==> flow/design.v <==
module add_core #(
  parameter W = 8,
  parameter N = 3,
  parameter OUT_W = W + $clog2(N)
) (
  input  wire CLK,
  input  wire RST,
  input  wire enable,
  input  wire [N*W-1:0] d,
  output wire [OUT_W-1:0] s
);
  wire [OUT_W-1:0] lvl [1:2*N-1];
  genvar k;
  generate
    for (k = 0; k < N; k = k + 1) begin : u_g
      assign lvl[N+k] = d[k*W +: W];
    end
    for (k = 1; k < N; k = k + 1) begin : lane
      assign lvl[k] = lvl[2*k] + lvl[2*k+1];
    end
  endgenerate
  reg [OUT_W-1:0] s_q;
  always @(posedge CLK or posedge RST) begin
    if (RST) begin
      s_q <= 0;
    end else if (enable) begin
      s_q <= lvl[1];
    end
  end
  assign s = s_q;
endmodule
* From RTL to reports: add_core *
The steps from the RTL of add_core to its reports follow in flow order.
Lines are those of the file above, counted from 1.
Operators: Yosys type, input widths -> output width; for muxes data width and select width s.
Library cell names are shortened.
Not given: -

set-up
  top = add_core
  clock port = CLK
  standard-cell library = sky130hd
  corner = tt_025C_1v80

* After elaboration *
Counts by Yosys on the flattened word-level netlist (proc, flatten, opt, wreduce; memories kept). Register bits leave out memories and registers merged into their read ports (data or address); mux counts leave out enables and synchronous resets folded into registers. Print and check cells are left out. Cells with the same type and inputs are merged into one.

word-level totals
  flip-flop bits (word level) = 10
  input bits = 27
  output and inout port bits = 10
  word-level cells = 3

operators by class
  add/sub/neg operators = 2

operator list
  kind           number
  $add 10x8->10  1
  $add 8x8->9    1

* Depth *
Yosys ltp: most cells in a row. Word level: on the elaborated netlist, between registers, memories and ports. Mapped: between sequential cells and ports; inverters and the memories' decode and read muxes count.

logic depth
  depth after elaboration = 2
  ABC_AREA = 0
  gate-level depth with buffers = 13
  depth with buffers taken out = 13

* Mapped cells and area *
Yosys stat after the flow's synthesis: flattened, memories mapped to cells. It holds for the ABC_AREA given above (unset counts as 0); a run with the other value may have another netlist.

mapped netlist
  cells in the netlist = 111
  chip area (Yosys) = 1017.2 um2
  flip-flop cells = 10
  buffer cells = 1

cell types
  type       number  area in all (um2)
  dfrtp_1    10      250.24
  ha_1       17      212.704
  xnor2_1    9       78.826
  mux2_2     5       56.304
  fa_1       2       40.038
  nor2_1     10      37.536
  a211oi_1   4       30.029
  a21oi_1    6       30.029
  inv_1      8       30.029
  o21ai_0    6       30.029
  a21o_1     3       22.522
  or3_1      3       18.768
  a21oi_2    2       17.517
  o2bb2ai_1  2       17.517
  nor3_1     3       15.014
  o22ai_1    2       12.512
  nand2_1    3       11.261
  nand3_1    2       10.01

Not listed: further types 14, cells in them 14.

* Worst setup path after synthesis *
Source: OpenSTA report_checks on the synthesized netlist (no wires, ideal clock, input and output delay 20% of the period each), path of least setup slack; recovery checks are left aside. Register names are those of the netlist, which keeps one name where synthesis merged equal registers.

path post-synthesis
  path type = input port to flip-flop
  start point = in d[8]
  end point = reg s_q[8]
  period = 3.77 ns
  library setup time = 0.082 ns
  time at the first pin = 0.754 ns
  arrival time = 3.082 ns
  setup slack = 0.607 ns
  delay of the path = 2.410 ns
  stages on the path = 13
  path buffers = 0
  period reached after synthesis = 3.163 ns

"delay of the path" = arrival - input delay + setup time.
"stages on the path": output pins that drive a net of the path, with the launching flip-flop's if there is one; two outputs of one cell count as two.
"period reached after synthesis" is the clock period less the worst setup slack; recovery checks do not enter. This is arithmetic on one report: input and output delays are still those of the set period (20% each).
Between the ends stands the longest chain of elaborated cells between them, by number of cells; it is not shown to be the way that was timed. Of several equally long chains one is given.
A line is the first line of the expression or statement that the cell stems from. Yosys adds cells for indexed reads and writes and turns some case tables into memories.

on the way, post-synthesis
  cells stage by stage = ha_1 > inv_1 > fa_1 > nand2b_1 > nand2_1 > a21oi_1 > xnor2_1 > ha_1 > a21oi_2 > o22ai_1 > o31a_1 > or4_1 > a31oi_1
  cells in the longest elaborated chain = 2
  elaborated cells on any way between the ends = 2
  source lines of those cells = 1

RTL lines, path post-synthesis
  item             RTL line  text
  start, declared  9         input  wire [N*W-1:0] d,
  $add 8x8->9      19        assign lvl[k] = lvl[2*k] + lvl[2*k+1];
  $add 10x8->10    19
  end, assigned    25        s_q <= 0;
  end, assigned    27        s_q <= lvl[1];
  end, declared    22        reg [OUT_W-1:0] s_q;

* Path in the finished layout *
From the final timing report of run 1: the path of least setup slack in the routed layout; clock arrival at registers is part of the times.

path post-layout
  path type = input port to flip-flop
  start point = in d[10]
  end point = reg s_q[8]
  period = 1.84 ns
  library setup time = 0.08 ns
  time at the first pin = 0.37 ns
  arrival time = 2.82 ns
  setup slack = -0.83 ns
  stages on the path = 13
  path buffers = 2

Between the ends stands the longest chain of elaborated cells between them, by number of cells; it is not shown to be the way that was timed. Of several equally long chains one is given.

on the way, post-layout
  cells stage by stage = clkdlybuf4s15_1 > ha_4 > buf_6 > nand2b_4 > nand2_2 > a21oi_2 > xnor2_1 > ha_1 > a21oi_2 > o22ai_2 > o31a_1 > or4_1 > a31oi_1
  cells in the longest elaborated chain = 2
  elaborated cells on any way between the ends = 2
  source lines of those cells = 1

RTL lines, path post-layout
  item             RTL line  text
  start, declared  9         input  wire [N*W-1:0] d,
  $add 8x8->9      19        assign lvl[k] = lvl[2*k] + lvl[2*k+1];
  $add 10x8->10    19
  end, assigned    25        s_q <= 0;
  end, assigned    27        s_q <= lvl[1];
  end, declared    22        reg [OUT_W-1:0] s_q;

Memo
Re: implementation data of add_core

Module add_core, platform sky130hd: 3 stored runs of the flow (Yosys, OpenROAD) with differing settings, in no particular order. Input and output delays are each 20% of the period that was set; the output load is 0.01 pF.
"worst setup path time" means the part of the period allowed to the worst setup path (the constraints hold back 20% at inputs and 20% at outputs) less its slack; where the path has registers, the arrival times of their clocks count too.

Run 1
==> flow/run.sh <==
#!/bin/bash
# the make line also repeats the synthesis and layout settings of config.mk as NAME=value (left out here)
make -C /OpenROAD-flow-scripts/flow DESIGN_CONFIG=/design/flow/config.mk WORK_HOME=/design/flow/orfs CLKGATE_MAP_FILE= finish
==> flow/config.mk <==
export PLATFORM = sky130hd
export DESIGN_NAME = add_core
export DESIGN_NICKNAME = add_core
export VERILOG_FILES = /design/flow/design.v
export SDC_FILE = /design/flow/constraint.sdc
export NUM_CORES = 4
export LEC_CHECK = 0
export CAP_MARGIN = 20
export CELL_PAD_IN_SITES_DETAIL_PLACEMENT = 1
export CORE_ASPECT_RATIO = 0.64
export CORE_MARGIN = 2
export CORE_UTILIZATION = 17
export CTS_CLUSTER_SIZE = 38
export HOLD_SLACK_MARGIN = 0.15
export MAX_ROUTING_LAYER = met5
export MIN_ROUTING_LAYER = met1
export PLACE_DENSITY = 0.48
export SETUP_SLACK_MARGIN = -0.01
export SLEW_MARGIN = 25
export TNS_END_PERCENT = 90
==> flow/constraint.sdc <==
create_clock -name core_clock -period 1.84 [get_ports {CLK}]
set_input_delay 0.3680 -clock core_clock [delete_from_list [all_inputs] [get_ports {CLK}]]
set_output_delay 0.3680 -clock core_clock [all_outputs]
set_load 0.01 [all_outputs]

==> results of run 1 <==
chip area after synthesis (Yosys): 1017.2 um2
die area: 6634.0 um2
utilization: 37.3%
worst setup slack after layout: -0.834 ns
total negative slack: -4.171 ns
worst setup path time: 2.31 ns
worst setup path kind: input port to flip-flop

Run 2
==> flow/run.sh <==
#!/bin/bash
# the make line also repeats the synthesis and layout settings of config.mk as NAME=value (left out here)
make -C /OpenROAD-flow-scripts/flow DESIGN_CONFIG=/design/flow/config.mk WORK_HOME=/design/flow/orfs CLKGATE_MAP_FILE= finish
==> flow/config.mk <==
export PLATFORM = sky130hd
export DESIGN_NAME = add_core
export DESIGN_NICKNAME = add_core
export VERILOG_FILES = /design/flow/design.v
export SDC_FILE = /design/flow/constraint.sdc
export NUM_CORES = 4
export LEC_CHECK = 0
export ABC_AREA = 0
export CAP_MARGIN = 0
export CELL_PAD_IN_SITES_DETAIL_PLACEMENT = 2
export CELL_PAD_IN_SITES_GLOBAL_PLACEMENT = 3
export CORE_MARGIN = 2
export CORE_UTILIZATION = 21
export CTS_CLUSTER_SIZE = 90
export GPL_TIMING_DRIVEN = 1
export HOLD_SLACK_MARGIN = 0.28
export MAX_ROUTING_LAYER = met5
export MIN_ROUTING_LAYER = met2
export PLACE_DENSITY_LB_ADDON = 0.01
export SETUP_SLACK_MARGIN = 1.34
export SLEW_MARGIN = 40
export TNS_END_PERCENT = 40
==> flow/constraint.sdc <==
create_clock -name core_clock -period 5.14 [get_ports {CLK}]
set_input_delay 1.0280 -clock core_clock [delete_from_list [all_inputs] [get_ports {CLK}]]
set_output_delay 1.0280 -clock core_clock [all_outputs]
set_load 0.01 [all_outputs]

==> results of run 2 <==
chip area after synthesis (Yosys): 1017.2 um2
die area: 5417.0 um2
utilization: 33.8%
worst setup slack after layout: 1.498 ns
total negative slack: 0.000 ns
worst setup path time: 2.61 ns
worst setup path kind: input port to flip-flop

Run 3
==> flow/run.sh <==
#!/bin/bash
# the make line also repeats the synthesis and layout settings of config.mk as NAME=value (left out here)
make -C /OpenROAD-flow-scripts/flow DESIGN_CONFIG=/design/flow/config.mk WORK_HOME=/design/flow/orfs CLKGATE_MAP_FILE= finish
==> flow/config.mk <==
export PLATFORM = sky130hd
export DESIGN_NAME = add_core
export DESIGN_NICKNAME = add_core
export VERILOG_FILES = /design/flow/design.v
export SDC_FILE = /design/flow/constraint.sdc
export NUM_CORES = 4
export LEC_CHECK = 0
export CAP_MARGIN = 20
export CORE_MARGIN = 2
export CORE_UTILIZATION = 40
export SLEW_MARGIN = 20
==> flow/constraint.sdc <==
create_clock -name core_clock -period 3.77 [get_ports {CLK}]
set_input_delay 0.7540 -clock core_clock [delete_from_list [all_inputs] [get_ports {CLK}]]
set_output_delay 0.7540 -clock core_clock [all_outputs]
set_load 0.01 [all_outputs]

==> results of run 3 <==
chip area after synthesis (Yosys): 1017.2 um2
die area: 2962.6 um2
utilization: 59.3%
worst setup slack after layout: 0.237 ns
total negative slack: 0.000 ns
worst setup path time: 2.78 ns
worst setup path kind: input port to flip-flop
